==> flow/design.v <==
module my_muxn_mod #(
    parameter DATA_WIDTH = 8,
    parameter INPUTS = 8,
    parameter LG = $clog2(INPUTS)
) (
    input wire clk,
    input wire aresetn,
    input wire [INPUTS*DATA_WIDTH-1:0] i_in,
    input wire [LG-1:0] i_idx,
    output reg [DATA_WIDTH-1:0] o_result
);
    reg [DATA_WIDTH-1:0] t;
    integer k;
    always @* begin
        t = 0;
        for (k = 0; k < INPUTS; k = k + 1)
            if (i_idx == k) t = i_in[k*DATA_WIDTH +: DATA_WIDTH];
    end
    always @(posedge clk or negedge aresetn) begin
        if (~aresetn) begin
            o_result <= 0;
        end else begin
            o_result <= t;
        end
    end
endmodule
* From RTL to reports: my_muxn_mod
What the tools print for my_muxn_mod, step after step. Line numbers count from 1 in the design file above. Cell names lack the library's common part. The mark - stands for no value.
Set-up: top module my_muxn_mod, clock clk, cell library sky130hd, corner tt_025C_1v80

* After elaboration
Counts by Yosys on the flattened word-level netlist (proc, flatten, opt, wreduce; memories kept). Register bits leave out memories and registers merged into their read ports (data or address); mux counts leave out enables and synchronous resets folded into registers. Print and check cells are left out. Cells with the same type and inputs are merged into one.
Storage and ports: bits in registers 8, cells after elaboration 17
Cells by class: eq/ne operators 7, multiplexer cells 8, reductions and logical operators 1
Operators by type and width (count):
- 2-to-1 mux 8 bit | 8
- == test 3 bit with constant B | 4
- == test 3 x 2 -> 1 bit with constant B | 2
- == test 3 x 1 -> 1 bit with constant B | 1
- logical NOT 3 bit | 1

* Depth
Depth = most cells in a row (Yosys ltp): at word level without a register or memory, in the mapped netlist without a sequential cell, where the memories' decode and read muxes count.
Logic depth: depth in word-level cells 9, ABC_AREA 0, gate-level depth with buffers 4, depth with buffers taken out 2

* Netlist
Yosys stat after the flow's synthesis: flattened, memories mapped to cells. It holds for the ABC_AREA given above (unset counts as 0); a run with the other value may have another netlist.
Synthesis totals: standard cells after synthesis 37, mapped area 750.7 µm², flip-flops 8, buffer cells 5
Cell types (count):
- mux4_1 | 15
- dfrtp_1 | 8
- mux2_2 | 8
- mux4_2 | 1
- buf_12 | 1
- buf_6 | 1
- buf_2 | 1
- buf_1 | 1
- clkbuf_1 | 1

* Path before layout
OpenSTA on the mapped netlist: ideal clock, no wires. The path of least setup slack (recovery checks aside). Input and output delay are each 20% of the period. Register names are those of the netlist, which keeps one name where synthesis merged equal registers.
Timing path post-synthesis: kind in2reg, start input port i_idx[1], end register o_result[1], clock period 1.8 ns, input delay 0.360 ns, time at the first pin 0.360 ns, arrival time 1.385 ns, setup slack 0.291 ns, path delay 1.150 ns, driving pins on the path 4, path buffers 2, synthesis period reached 1.509 ns
"path delay" = arrival - input delay + setup time. "driving pins on the path": output pins that drive a net of the path, with the launching flip-flop's if there is one; two outputs of one cell count as two. "synthesis period reached" is the clock period less the worst setup slack; recovery checks do not enter. This is arithmetic on one report: input and output delays are still those of the set period (20% each). Between the ends stands the longest chain of elaborated cells between them, by number of cells; it is not shown to be the way that was timed. Of several equally long chains one is given. A line is the first line of the expression or statement that the cell stems from. Yosys adds cells for indexed reads and writes and turns some case tables into memories.
On the way, post-synthesis: cell sequence buf_6 -> buf_12 -> mux4_1 -> mux2_2, length of the longest elaborated chain 9
RTL lines, path post-synthesis:
- start, declared | line 9 | input wire [LG-1:0] i_idx,
- logical NOT 3 bit | line 17 | if (i_idx == k) t = i_in[k*DATA_WIDTH +: DATA_WIDTH];
- 2-to-1 mux 8 bit x8 | line 17
- end, assigned | line 21 | o_result <= 0;
- end, assigned | line 23 | o_result <= t;
- end, declared | line 10 | output reg [DATA_WIDTH-1:0] o_result

* Worst path after layout
From the final timing report of run 1: the path of least setup slack in the routed layout; clock arrival at registers is part of the times.
Timing path post-layout: kind reg2out, start register o_result[3], end output port o_result[3], clock period 1.8 ns, external output delay 0.36 ns, time at the first pin 0.25 ns, arrival time 1.18 ns, setup slack 0.26 ns, driving pins on the path 2, path buffers 1
On the way, post-layout: cell sequence dfrtp_1 -> clkdlybuf4s50_1, length of the longest elaborated chain 0
RTL lines, path post-layout:
- start, declared | line 10 | output reg [DATA_WIDTH-1:0] o_result
- start, assigned | line 21 | o_result <= 0;
- start, assigned | line 23 | o_result <= t;
- end, declared | line 10

Subject: my_muxn_mod on sky130hd, stored results

Hello all,

Module my_muxn_mod, platform sky130hd: 3 stored runs of the flow (Yosys, OpenROAD) with differing settings, in no particular order. Input and output delays are each 20% of the period that was set; the output load is 0.01 pF.
"period achieved": clock period set for the run, less the worst setup slack. It is reckoned from that one timing run; input and output delays stay at 20% of the period that was set.
"critical setup path time" = time allowed to the worst setup path (clock period - input delay - output delay, where it has them) - its slack; a late launch clock adds to it, a late capture clock takes from it.
"overall power" rests on the timing tool's default activity at the inputs, not on a simulated workload.

[run 1] flow files
==> flow/run.sh <==
#!/bin/bash
# the make line also repeats the synthesis and layout settings of config.mk as NAME=value (left out here)
make -C /OpenROAD-flow-scripts/flow DESIGN_CONFIG=/design/flow/config.mk WORK_HOME=/design/flow/orfs CLKGATE_MAP_FILE= finish
==> flow/config.mk <==
export PLATFORM = sky130hd
export DESIGN_NAME = my_muxn_mod
export DESIGN_NICKNAME = my_muxn_mod
export VERILOG_FILES = /design/flow/design.v
export SDC_FILE = /design/flow/constraint.sdc
export NUM_CORES = 4
export LEC_CHECK = 0
export CAP_MARGIN = 20
export CORE_MARGIN = 2
export CORE_UTILIZATION = 40
export SLEW_MARGIN = 20
==> flow/constraint.sdc <==
create_clock -name core_clock -period 1.8 [get_ports {clk}]
set_input_delay 0.3600 -clock core_clock [delete_from_list [all_inputs] [get_ports {clk}]]
set_output_delay 0.3600 -clock core_clock [all_outputs]
set_load 0.01 [all_outputs]

[run 1] result: netlist area reported by Yosys 750.7 µm²; die footprint 2,239.2 µm²; standard-cell area after routing 1,585.3 µm²; final utilization 90.8 %; smallest setup slack 0.256 ns; post-route setup TNS 0.000 ns; overall power 693.7 µW; period achieved 1.544 ns; critical setup path time 1.18 ns; class of the worst setup path reg2out

[run 2] flow files
==> flow/run.sh <==
#!/bin/bash
# the make line also repeats the synthesis and layout settings of config.mk as NAME=value (left out here)
make -C /OpenROAD-flow-scripts/flow DESIGN_CONFIG=/design/flow/config.mk WORK_HOME=/design/flow/orfs CLKGATE_MAP_FILE= finish
==> flow/config.mk <==
export PLATFORM = sky130hd
export DESIGN_NAME = my_muxn_mod
export DESIGN_NICKNAME = my_muxn_mod
export VERILOG_FILES = /design/flow/design.v
export SDC_FILE = /design/flow/constraint.sdc
export NUM_CORES = 4
export LEC_CHECK = 0
export CAP_MARGIN = 20
export CORE_MARGIN = 2
export CORE_UTILIZATION = 34
export CTS_CLUSTER_DIAMETER = 329
export CTS_CLUSTER_SIZE = 55
export HOLD_SLACK_MARGIN = -0.07
export MIN_ROUTING_LAYER = met2
export PLACE_DENSITY_LB_ADDON = 0.26
export SLEW_MARGIN = 5
==> flow/constraint.sdc <==
create_clock -name core_clock -period 1.67 [get_ports {clk}]
set_input_delay 0.3340 -clock core_clock [delete_from_list [all_inputs] [get_ports {clk}]]
set_output_delay 0.3340 -clock core_clock [all_outputs]
set_load 0.01 [all_outputs]

[run 2] result: netlist area reported by Yosys 750.7 µm²; die footprint 2,600.0 µm²; standard-cell area after routing 1,596.5 µm²; final utilization 74.3 %; smallest setup slack 0.073 ns; post-route setup TNS 0.000 ns; overall power 726.4 µW; period achieved 1.597 ns; critical setup path time 1.26 ns; class of the worst setup path in2reg

[run 3] flow files
==> flow/run.sh <==
#!/bin/bash
# the make line also repeats the synthesis and layout settings of config.mk as NAME=value (left out here)
make -C /OpenROAD-flow-scripts/flow DESIGN_CONFIG=/design/flow/config.mk WORK_HOME=/design/flow/orfs CLKGATE_MAP_FILE= finish
==> flow/config.mk <==
export PLATFORM = sky130hd
export DESIGN_NAME = my_muxn_mod
export DESIGN_NICKNAME = my_muxn_mod
export VERILOG_FILES = /design/flow/design.v
export SDC_FILE = /design/flow/constraint.sdc
export NUM_CORES = 4
export LEC_CHECK = 0
export CAP_MARGIN = 20
export CELL_PAD_IN_SITES_DETAIL_PLACEMENT = 2
export CORE_ASPECT_RATIO = 0.94
export CORE_MARGIN = 7
export CORE_UTILIZATION = 69
export MIN_ROUTING_LAYER = met1
export PLACE_DENSITY = 0.62
export SETUP_SLACK_MARGIN = 0.04
export SLEW_MARGIN = 20
==> flow/constraint.sdc <==
create_clock -name core_clock -period 0.924 [get_ports {clk}]
set_input_delay 0.1848 -clock core_clock [delete_from_list [all_inputs] [get_ports {clk}]]
set_output_delay 0.1848 -clock core_clock [all_outputs]
set_load 0.01 [all_outputs]

[run 3] result: incomplete, placement halted on GPL-0301

Thanks
